==> flow/design.v <==
module u_sum_block_blk #(
  parameter int WD = 24,
  parameter int INPUTS = 20,
  parameter int SUM_W = WD + $clog2(INPUTS)
) (
  input  logic clk_i,
  input  logic i_rst,
  input  logic [INPUTS*WD-1:0] d_in,
  output logic [SUM_W-1:0] result_out
);
  logic [INPUTS*WD-1:0] r_d;
  always_ff @(posedge clk_i or posedge i_rst) begin
    if (i_rst) begin
      r_d <= 0;
    end else begin
      r_d <= d_in;
    end
  end
  logic [SUM_W-1:0] cur;
  always_comb begin
    cur = 0;
    for (int n = 0; n < INPUTS; n++)
      cur = cur + r_d[n*WD +: WD];
  end
  always_ff @(posedge clk_i or posedge i_rst) begin
    if (i_rst) begin
      result_out <= 0;
    end else begin
      result_out <= cur;
    end
  end
endmodule
Reports on u_sum_block_blk
What the tools print for u_sum_block_blk, step after step.
Lines are those of the file above, counted from 1.
Operators carry their Yosys type and port widths (W data, S select, Z words).
Library cell names are shortened.
{ "design": {"top": "u_sum_block_blk", "clk_port": "clk_i", "library": "sky130hd", "lib_corner": "tt_025C_1v80"} }

Word level
Yosys after proc, flatten, opt, wreduce and memory -nomap, before mapping. Enables and synchronous resets that opt folds into registers are not counted as muxes. Memory bits, and registers merged into a memory's read port (data or address), are not among the register bits. Print and check cells are not counted. Equal cells are merged and count once.
{ "bits": {"latchBits": 0, "output_inout_bits": 29, "reg_bits": 509, "rom_bits": 0, "wordCells": 21, "n_memories": 0, "clocked_rd_ports_x_width": 0, "input_bits": 482, "mem_bits_rw": 0} }
{ "classes": {"n_mul": 0, "n_cmp": 0, "shifts": 0, "reduce_logical": 0, "div": 0, "logic": 0, "n_addsub": 19, "equal": 0, "muxes": 0} }
{ "ops": {"columns": ["cell", "count"], "rows": [
  ["$add A29 B24 Y29", 14],
  ["$add A28 B24 Y29", 1],
  ["$add A27 B24 Y28", 1],
  ["$add A26 B24 Y27", 1],
  ["$add A25 B24 Y26", 1],
  ["$add A24 B24 Y25", 1]
]} }

Longest topological paths
Longest topological path by Yosys (ltp), each cell counted once; first at word level (registers and memories cut), then after technology mapping (sequential cells cut; the memories' decode and read muxes count).
{ "logic_depth": {"ltp_word": 19, "abc_area": 0, "ltp_mapped": 22, "mapped_depth_nobuf": 22} }

Synthesis result
The flow's flattened synthesis, as Yosys stat reports it; memories are mapped. The netlist is that of the ABC_AREA named above (0 if unset); the other value can give another one.
{ "types": {"columns": ["type", "count", "type_area_um2"], "rows": [
  ["dfrtp_1", 509, 1.27E+04],
  ["fa_1", 426, 8.53E+03],
  ["inv_1", 640, 2.4E+03],
  ["ha_1", 46, 575.552],
  ["xnor2_1", 18, 157.651],
  ["a21oi_1", 28, 140.134],
  ["xor2_1", 7, 61.309],
  ["o21ai_0", 11, 55.053],
  ["nand2_1", 13, 48.797],
  ["nor2_1", 12, 45.043],
  ["nand3_1", 8, 40.038],
  ["a21o_1", 5, 37.536],
  ["o21a_1", 4, 30.029],
  ["nor2b_1", 4, 25.024],
  ["o31ai_2", 2, 25.024],
  ["nand3_2", 2, 20.019],
  ["a221oi_1", 2, 17.517],
  ["a2111oi_2", 1, 15.014]
]} }
Not listed: further types 23, cells in them 31.
{ "synth_totals": {"seq_area_um2": 12737.2, "ff_cells": 509, "buf_cells": 2, "cell_count": 1769, "yosys_area_um2": 25182.9} }

Worst setup path after synthesis
Path of least setup slack by OpenSTA after synthesis, without wires, with an ideal clock, recovery checks aside; 20% of the period is set as input and as output delay. Where synthesis merged equal registers, the netlist keeps one of their names.
{ "synth_timing": {"kind": "register to register", "startpoint": "register r_d[362]", "endpoint": "register result_out[25]", "arrival_ns": 5.751, "path_delay_ns": 5.831, "setup_ns": 0.080, "driving_pins": 22, "path_buffers": 0, "required_ns": 7.210, "path_slack_ns": 1.459, "t_first_pin_ns": 0.000, "tclk_ns": 7.29, "synth_period_reached_ns": 5.831} }
"path_delay_ns" = arrival - input delay + setup time.
"driving_pins" counts driving pins, that of a launching flip-flop among them; a cell with two outputs on the path counts twice.
"synth_period_reached_ns" is the clock period less the worst setup slack; recovery checks do not enter. This is arithmetic on one report: input and output delays are still those of the set period (20% each).
The rows between start and end are the longest chain of elaborated cells between them; the timing report does not say that the signal goes this way. Where chains are equally long, one stands for them.
Each line given opens the expression or statement behind the cell; cells for indexed reads and writes are added by Yosys, which also makes memories of some case tables.
{ "synth_between": {"cell_sequence": "dfrtp_1 -> inv_1 -> fa_1 -> inv_1 -> fa_1 -> inv_1 -> fa_1 -> fa_1 -> inv_1 -> fa_1 -> inv_1 -> fa_1 -> fa_1 -> inv_1 -> fa_1 -> a21o_1 -> a221oi_2 -> o21ai_2 -> a2111oi_2 -> o31ai_1 -> a21oi_2 -> xnor2_1", "elab_chain_len": 5, "cone_cells": 5, "cone_lines": 1, "classes_between": "add/sub (5)"} }
{ "synth_lines": {"columns": ["element", "line_no", "source"], "rows": [
  ["from (decl)", 11, "logic [INPUTS*WD-1:0] r_d;"],
  ["from (assign)", 14, "r_d <= 0;"],
  ["from (assign)", 16, "r_d <= d_in;"],
  ["$add A29 B24 Y29 x5", 23, "cur = cur + r_d[n*WD +: WD];"],
  ["to (assign)", 27, "result_out <= 0;"],
  ["to (assign)", 29, "result_out <= cur;"],
  ["to (decl)", 9, "output logic [SUM_W-1:0] result_out"]
]} }

Timing after layout
Path of least setup slack in the final report of flow run A (OpenROAD, finished layout, wires in). Where an end is a register, its clock arrival counts in the times.
{ "layout_timing": {"kind": "register to register", "startpoint": "register r_d[50]", "endpoint": "register result_out[25]", "path_slack_ns": 0.03, "t_first_pin_ns": 0.62, "path_buffers": 1, "arrival_ns": 6.78, "driving_pins": 21, "tclk_ns": 6.28, "required_ns": 6.81, "setup_ns": 0.08} }
The rows between start and end are the longest chain of elaborated cells between them; the timing report does not say that the signal goes this way. Where chains are equally long, one stands for them.
{ "layout_between": {"cell_sequence": "dfrtp_1 -> inv_2 -> fa_1 -> inv_2 -> fa_1 -> fa_2 -> fa_1 -> fa_1 -> inv_2 -> fa_1 -> fa_1 -> inv_2 -> fa_2 -> a21o_1 -> a221oi_4 -> o21ai_4 -> a2111oi_4 -> buf_6 -> o31ai_4 -> a21oi_2 -> xnor2_2", "elab_chain_len": 18, "cone_cells": 18, "cone_lines": 1, "classes_between": "add/sub (18)"} }
{ "layout_lines": {"columns": ["element", "line_no", "source"], "rows": [
  ["from (decl)", 11, "logic [INPUTS*WD-1:0] r_d;"],
  ["from (assign)", 14, "r_d <= 0;"],
  ["from (assign)", 16, "r_d <= d_in;"],
  ["$add A25 B24 Y26", 23, "cur = cur + r_d[n*WD +: WD];"],
  ["$add A26 B24 Y27", 23, null],
  ["$add A27 B24 Y28", 23, null],
  ["$add A28 B24 Y29", 23, null],
  ["$add A29 B24 Y29 x14", 23, null],
  ["to (assign)", 27, "result_out <= 0;"],
  ["to (assign)", 29, "result_out <= cur;"],
  ["to (decl)", 9, "output logic [SUM_W-1:0] result_out"]
]} }

Lab notebook: u_sum_block_blk

Design u_sum_block_blk on sky130hd. What follows are 3 stored runs of the flow, each under its own settings; their order means nothing. The constraints put input and output delay at 20% of the set period each and load the outputs with 0.01 pF.
"period_reached_ns" means the clock period less the worst setup slack. The figure is calculated, with input and output delays left at 20% of the set period.
"worst_path_allowed_less_slack_ns" is the time allowed to the run's worst setup path (the clock period less input and output delay, where it has them) less its slack. Clock arrival times count: a late capture clock shortens it, a late launch clock lengthens it.
[
  {
    "run": "flow run A",
    "settings": { "period_ns": 6.28, "CORE_UTILIZATION": 25, "SETUP_SLACK_MARGIN": 1.15, "CORE_ASPECT_RATIO": 0.79, "CORE_MARGIN": 5, "CELL_PAD_IN_SITES_GLOBAL_PLACEMENT": 3, "CELL_PAD_IN_SITES_DETAIL_PLACEMENT": 1, "TNS_END_PERCENT": 90, "GPL_TIMING_DRIVEN": 0, "CAP_MARGIN": 15, "SLEW_MARGIN": 30, "MAX_ROUTING_LAYER": "met5" },
    "results": { "ys_area_um2": 25182.9, "fin_ws_ns": 0.035, "period_reached_ns": 6.245, "layout_utilization_pct": 35.3, "worst_path_allowed_less_slack_ns": 6.25, "worst_setup_path_type": "register to register", "die_um2": 107224.0, "setupTns_ns": 0.000, "hold_worst_slack_ns": 0.500 }
  },
  {
    "run": "flow run B",
    "settings": { "period_ns": 7.29, "CAP_MARGIN": 20, "CORE_MARGIN": 2, "CORE_UTILIZATION": 40, "SLEW_MARGIN": 20 },
    "results": { "hold_worst_slack_ns": 0.496, "fin_ws_ns": 1.016, "setupTns_ns": 0.000, "die_um2": 64979.1, "ys_area_um2": 25182.9, "layout_utilization_pct": 53.7, "worst_path_allowed_less_slack_ns": 6.27, "worst_setup_path_type": "register to register", "period_reached_ns": 6.274 }
  },
  {
    "run": "flow run C",
    "settings": { "period_ns": 11.2, "CORE_UTILIZATION": 70, "SETUP_SLACK_MARGIN": -0.2, "PLACE_DENSITY_LB_ADDON": 0.28, "CORE_ASPECT_RATIO": 0.62, "CTS_CLUSTER_SIZE": 97, "CTS_CLUSTER_DIAMETER": 206, "MIN_ROUTING_LAYER": "met1", "MAX_ROUTING_LAYER": "met4", "CAP_MARGIN": 20, "CORE_MARGIN": 2, "SLEW_MARGIN": 20 },
    "results": { "ys_area_um2": 25182.9, "die_um2": 37553.1, "fin_ws_ns": 4.795, "setupTns_ns": 0.000, "hold_worst_slack_ns": 0.564, "layout_utilization_pct": 88.4, "period_reached_ns": 6.405, "worst_path_allowed_less_slack_ns": 6.40, "worst_setup_path_type": "register to register" }
  }
]
